==> flow/design.v <==
module my_mem_stage #(
    parameter WORDS = 4,
    parameter WD = 6,
    parameter AW = $clog2(WORDS)
) (
    input wire core_clk,
    input wire rstn,
    input wire valid,
    input wire [AW-1:0] addr_in,
    input wire wr_en_in,
    input wire [WD-1:0] write_data_in,
    output wire [WD-1:0] dout_out
);
    reg [AW-1:0] addr_s;
    always @(posedge core_clk or negedge rstn) begin
        if (~rstn) begin
            addr_s <= 0;
        end else if (valid) begin
            addr_s <= addr_in;
        end
    end
    reg wr_en_s;
    always @(posedge core_clk or negedge rstn) begin
        if (~rstn) begin
            wr_en_s <= 1'b0;
        end else if (valid) begin
            wr_en_s <= wr_en_in;
        end
    end
    reg [WD-1:0] write_data_s;
    always @(posedge core_clk or negedge rstn) begin
        if (~rstn) begin
            write_data_s <= 0;
        end else if (valid) begin
            write_data_s <= write_data_in;
        end
    end
    reg [WD-1:0] ram [0:WORDS-1];
    always @(posedge core_clk)
        if (valid && wr_en_s) ram[addr_s] <= write_data_s;
    assign dout_out = wr_en_s ? write_data_s : ram[addr_s];
endmodule
## Tool chain data of my_mem_stage

Tool output for the design above, in the order of the flow.
Lines are those of the file above, counted from 1.
Operators: Yosys type, input widths -> output width; for muxes data width and select width s.
Library cell names are shortened.
The mark - stands for no value.

- Top: my_mem_stage
- Clock port: core_clk
- Cell library: sky130hd
- Corner: tt_025C_1v80

## Word level

Counts by Yosys on the flattened word-level netlist (proc, flatten, opt, wreduce; memories kept). Register bits leave out memories and registers merged into their read ports (data or address); mux counts leave out enables and synchronous resets folded into registers. Print and check cells are left out. Cells with the same type and inputs are merged into one.
Memory sizes are those after Yosys's memory passes, which may raise the word count (mostly to a power of two), join words into wider ones and drop unused or constant bits.

- Add/subtract/negate cells: 0
- Multiply operators: 0
- Div/mod/pow operators: 0
- $lt $le $gt $ge: 0
- Eq/ne operators: 0
- Shifts and indexed selects: 0
- Multiplexer cells: 4
- Bitwise logic cells: 0
- Reduce/logical cells: 1

Operators with widths:

| kind | count |
|---|---|
| $mux 6 | 2 |
| $mux 2 | 1 |
| $logic_and 1x1->1 | 1 |
| $mux 1 | 1 |

- Bits in registers: 9
- Latch bits: 0
- Memory bits (writable): 24
- ROM bits: 0
- Clocked read ports x word width: 0
- Memories: 1
- Bits of input ports: 12
- Output and inout port bits: 6
- Cells after elaboration: 9

Memories:

| memory | depth | width | rd ports | write ports | line | text |
|---|---|---|---|---|---|---|
| ram | 4 | 6 | 1 | 1 | 38 | `reg [WD-1:0] ram [0:WORDS-1];` |

## Longest topological paths

Depth = most cells in a row (Yosys ltp): at word level without a register or memory, in the mapped netlist without a sequential cell, where the memories' decode and read muxes count.

- Word-level depth: 2
- ABC_AREA: 0
- Depth in mapped cells: 5
- Depth with buffers taken out: 3

## After synthesis

Source: synth_stat.txt of the flow (Yosys; design flattened, memories mapped). It holds for the ABC_AREA given above (unset counts as 0); a run with the other value may have another netlist.

Cells by type:

| type | count | area in all (um^2) |
|---|---|---|
| edfxtp_1 | 24 | 720.691 |
| dfrtp_1 | 9 | 225.216 |
| mux2_2 | 10 | 112.608 |
| mux2_4 | 5 | 75.072 |
| o22ai_1 | 6 | 37.536 |
| a21oi_1 | 6 | 30.029 |
| o21ai_0 | 6 | 30.029 |
| nand2_1 | 7 | 26.275 |
| inv_1 | 6 | 22.522 |
| buf_12 | 1 | 20.019 |
| buf_2 | 3 | 15.014 |
| nor3b_1 | 2 | 15.014 |
| buf_6 | 1 | 11.261 |
| and4_2 | 1 | 10.01 |
| nand2b_1 | 1 | 6.256 |
| or2_2 | 1 | 6.256 |
| nor3_1 | 1 | 5.005 |
| clkbuf_1 | 1 | 3.754 |

- Standard cells after synthesis: 91
- Cell area after synthesis: 0.0013726 mm^2
- Area of sequential cells: 0.0009459 mm^2
- Mapped flip-flops: 33
- Buffers: 6

## Worst setup path after synthesis

Path of least setup slack by OpenSTA after synthesis, without wires, with an ideal clock, recovery checks aside; 20% of the period is set as input and as output delay. Where synthesis merged equal registers, the netlist keeps one of their names.

- Path kind: in2reg
- From: input valid
- To: memory ram[1][0]
- Clock period: 1.94 ns
- External input delay: 0.388 ns
- Setup time: 0.378 ns
- Time at the first pin: 0.388 ns
- Arrival time: 1.177 ns
- Data required time: 1.562 ns
- Setup slack: 0.384 ns
- Delay of the path: 1.167 ns
- Stages: 3
- Path buffers: 1
- Period reached after synthesis: 1.556 ns

"delay of the path" = arrival - input delay + setup time.
"stages": output pins that drive a net of the path, with the launching flip-flop's if there is one; two outputs of one cell count as two.
"period reached after synthesis" is the clock period less the worst setup slack; recovery checks do not enter. This is arithmetic on one report: input and output delays are still those of the set period (20% each).
The rows between start and end are the longest chain of elaborated cells between them; the timing report does not say that the signal goes this way. Where chains are equally long, one stands for them.
Each line given opens the expression or statement behind the cell; cells for indexed reads and writes are added by Yosys, which also makes memories of some case tables.
The path ends at the enable pin of a flip-flop; only ways to that pin are counted.

- Cell sequence: buf_2 nand2_1 nor3b_1
- Cells in the longest elaborated chain: 2
- Elaborated cells on any way between the ends: 3
- Source lines of those cells: 1
- Those cells by class: 2 x mux; 1 x reduce/logical

RTL lines, path after synthesis:

| element | line | text |
|---|---|---|
| start: declaration | 8 | `input wire valid,` |
| $logic_and 1x1->1 | 40 | `if (valid && wr_en_s) ram[addr_s] <= write_data_s;` |
| $mux 2 | 40 |  |
| end: declaration | 38 | `reg [WD-1:0] ram [0:WORDS-1];` |

## Worst path after layout

From the final timing report of flow run A: the path of least setup slack in the routed layout; clock arrival at registers is part of the times.

- Path kind: reg2out
- From: register addr_s[0]
- To: output dout_out[3]
- Clock period: 1.92 ns
- External output delay: 0.38 ns
- Time at the first pin: 0.32 ns
- Arrival time: 1.58 ns
- Data required time: 1.54 ns
- Setup slack: -0.05 ns
- Stages: 6
- Path buffers: 2

The rows between start and end are the longest chain of elaborated cells between them; the timing report does not say that the signal goes this way. Where chains are equally long, one stands for them.
A memory read counts as a cell of the chain, while the word-level depth stops at memories.

- Cell sequence: dfrtp_2 buf_12 mux2_2 o22ai_2 a21oi_1 buf_2
- Cells in the longest elaborated chain: 2
- Elaborated cells on any way between the ends: 2
- Source lines of those cells: 2
- Those cells by class: 1 x mux; 1 x memory

RTL lines, path after layout:

| element | line | text |
|---|---|---|
| start: declaration | 14 | `reg [AW-1:0] addr_s;` |
| start: assignment | 17 | `addr_s <= 0;` |
| start: assignment | 19 | `addr_s <= addr_in;` |
| $mem_v2 4x6 | 38 | `reg [WD-1:0] ram [0:WORDS-1];` |
| $mux 6 | 41 | `assign dout_out = wr_en_s ? write_data_s : ram[addr_s];` |
| end: declaration | 12 | `output wire [WD-1:0] dout_out` |

Ticket comment

Record of 3 stored runs of the RTL-to-layout flow on my_mem_stage, platform sky130hd. The runs are unordered. Constraints: input delay and output delay 20% of the set period each, output load 0.01 pF.
"period achieved" means the clock period less the worst setup slack. The figure is calculated, with input and output delays left at 20% of the set period.
"time of the worst setup path" means the part of the period allowed to the worst setup path (the constraints hold back 20% at inputs and 20% at outputs) less its slack; where the path has registers, the arrival times of their clocks count too.
"overall power": no workload was simulated; the value follows from the tool's default switching activity.
A setting shown as - is not set for that run.
Among the results, - means that no value is shown for the run.

| item | flow run A | flow run B | flow run C |
|---|---|---|---|
| period_ns | 1.92 | 1.94 | 0.965 |
| CORE_UTILIZATION | 50 | 40 | 64 |
| PLACE_DENSITY | 0.36 | - | 0.93 |
| CORE_ASPECT_RATIO | 1.16 | - | - |
| CORE_MARGIN | 9 | 2 | 2 |
| ABC_AREA | 0 | - | - |
| CAP_MARGIN | 0 | 20 | 30 |
| SLEW_MARGIN | 30 | 20 | 20 |
| MIN_ROUTING_LAYER | met1 | - | met1 |
| SETUP_SLACK_MARGIN | - | - | 0.05 |
| CELL_PAD_IN_SITES_GLOBAL_PLACEMENT | - | - | 3 |
| CELL_PAD_IN_SITES_DETAIL_PLACEMENT | - | - | 0 |
| TNS_END_PERCENT | - | - | 80 |
| GPL_ROUTABILITY_DRIVEN | - | - | 0 |
| CTS_CLUSTER_DIAMETER | - | - | 66 |
| MAX_ROUTING_LAYER | - | - | met4 |
| post-layout utilization (%) | 65.3 | 54.5 | - |
| overall power (uW) | 1436 | 1704 | - |
| area inside the die boundary (mm^2) | 0.0049604 | 0.0039163 | - |
| netlist area reported by Yosys (mm^2) | 0.0013726 | 0.0013726 | - |
| time of the worst setup path (ns) | 1.58 | 1.64 | - |
| critical path type | reg2out | reg2out | - |
| worst setup slack after layout (ns) | -0.046 | -0.083 | - |
| period achieved (ns) | 1.966 | 2.023 | - |
| setup total negative slack (ns) | -0.173 | -0.291 | - |
| standard-cell area of the final layout (mm^2) | 0.0017154 | 0.0018055 | - |

Flow run C: did not finish, placement stopped with GPL-0301
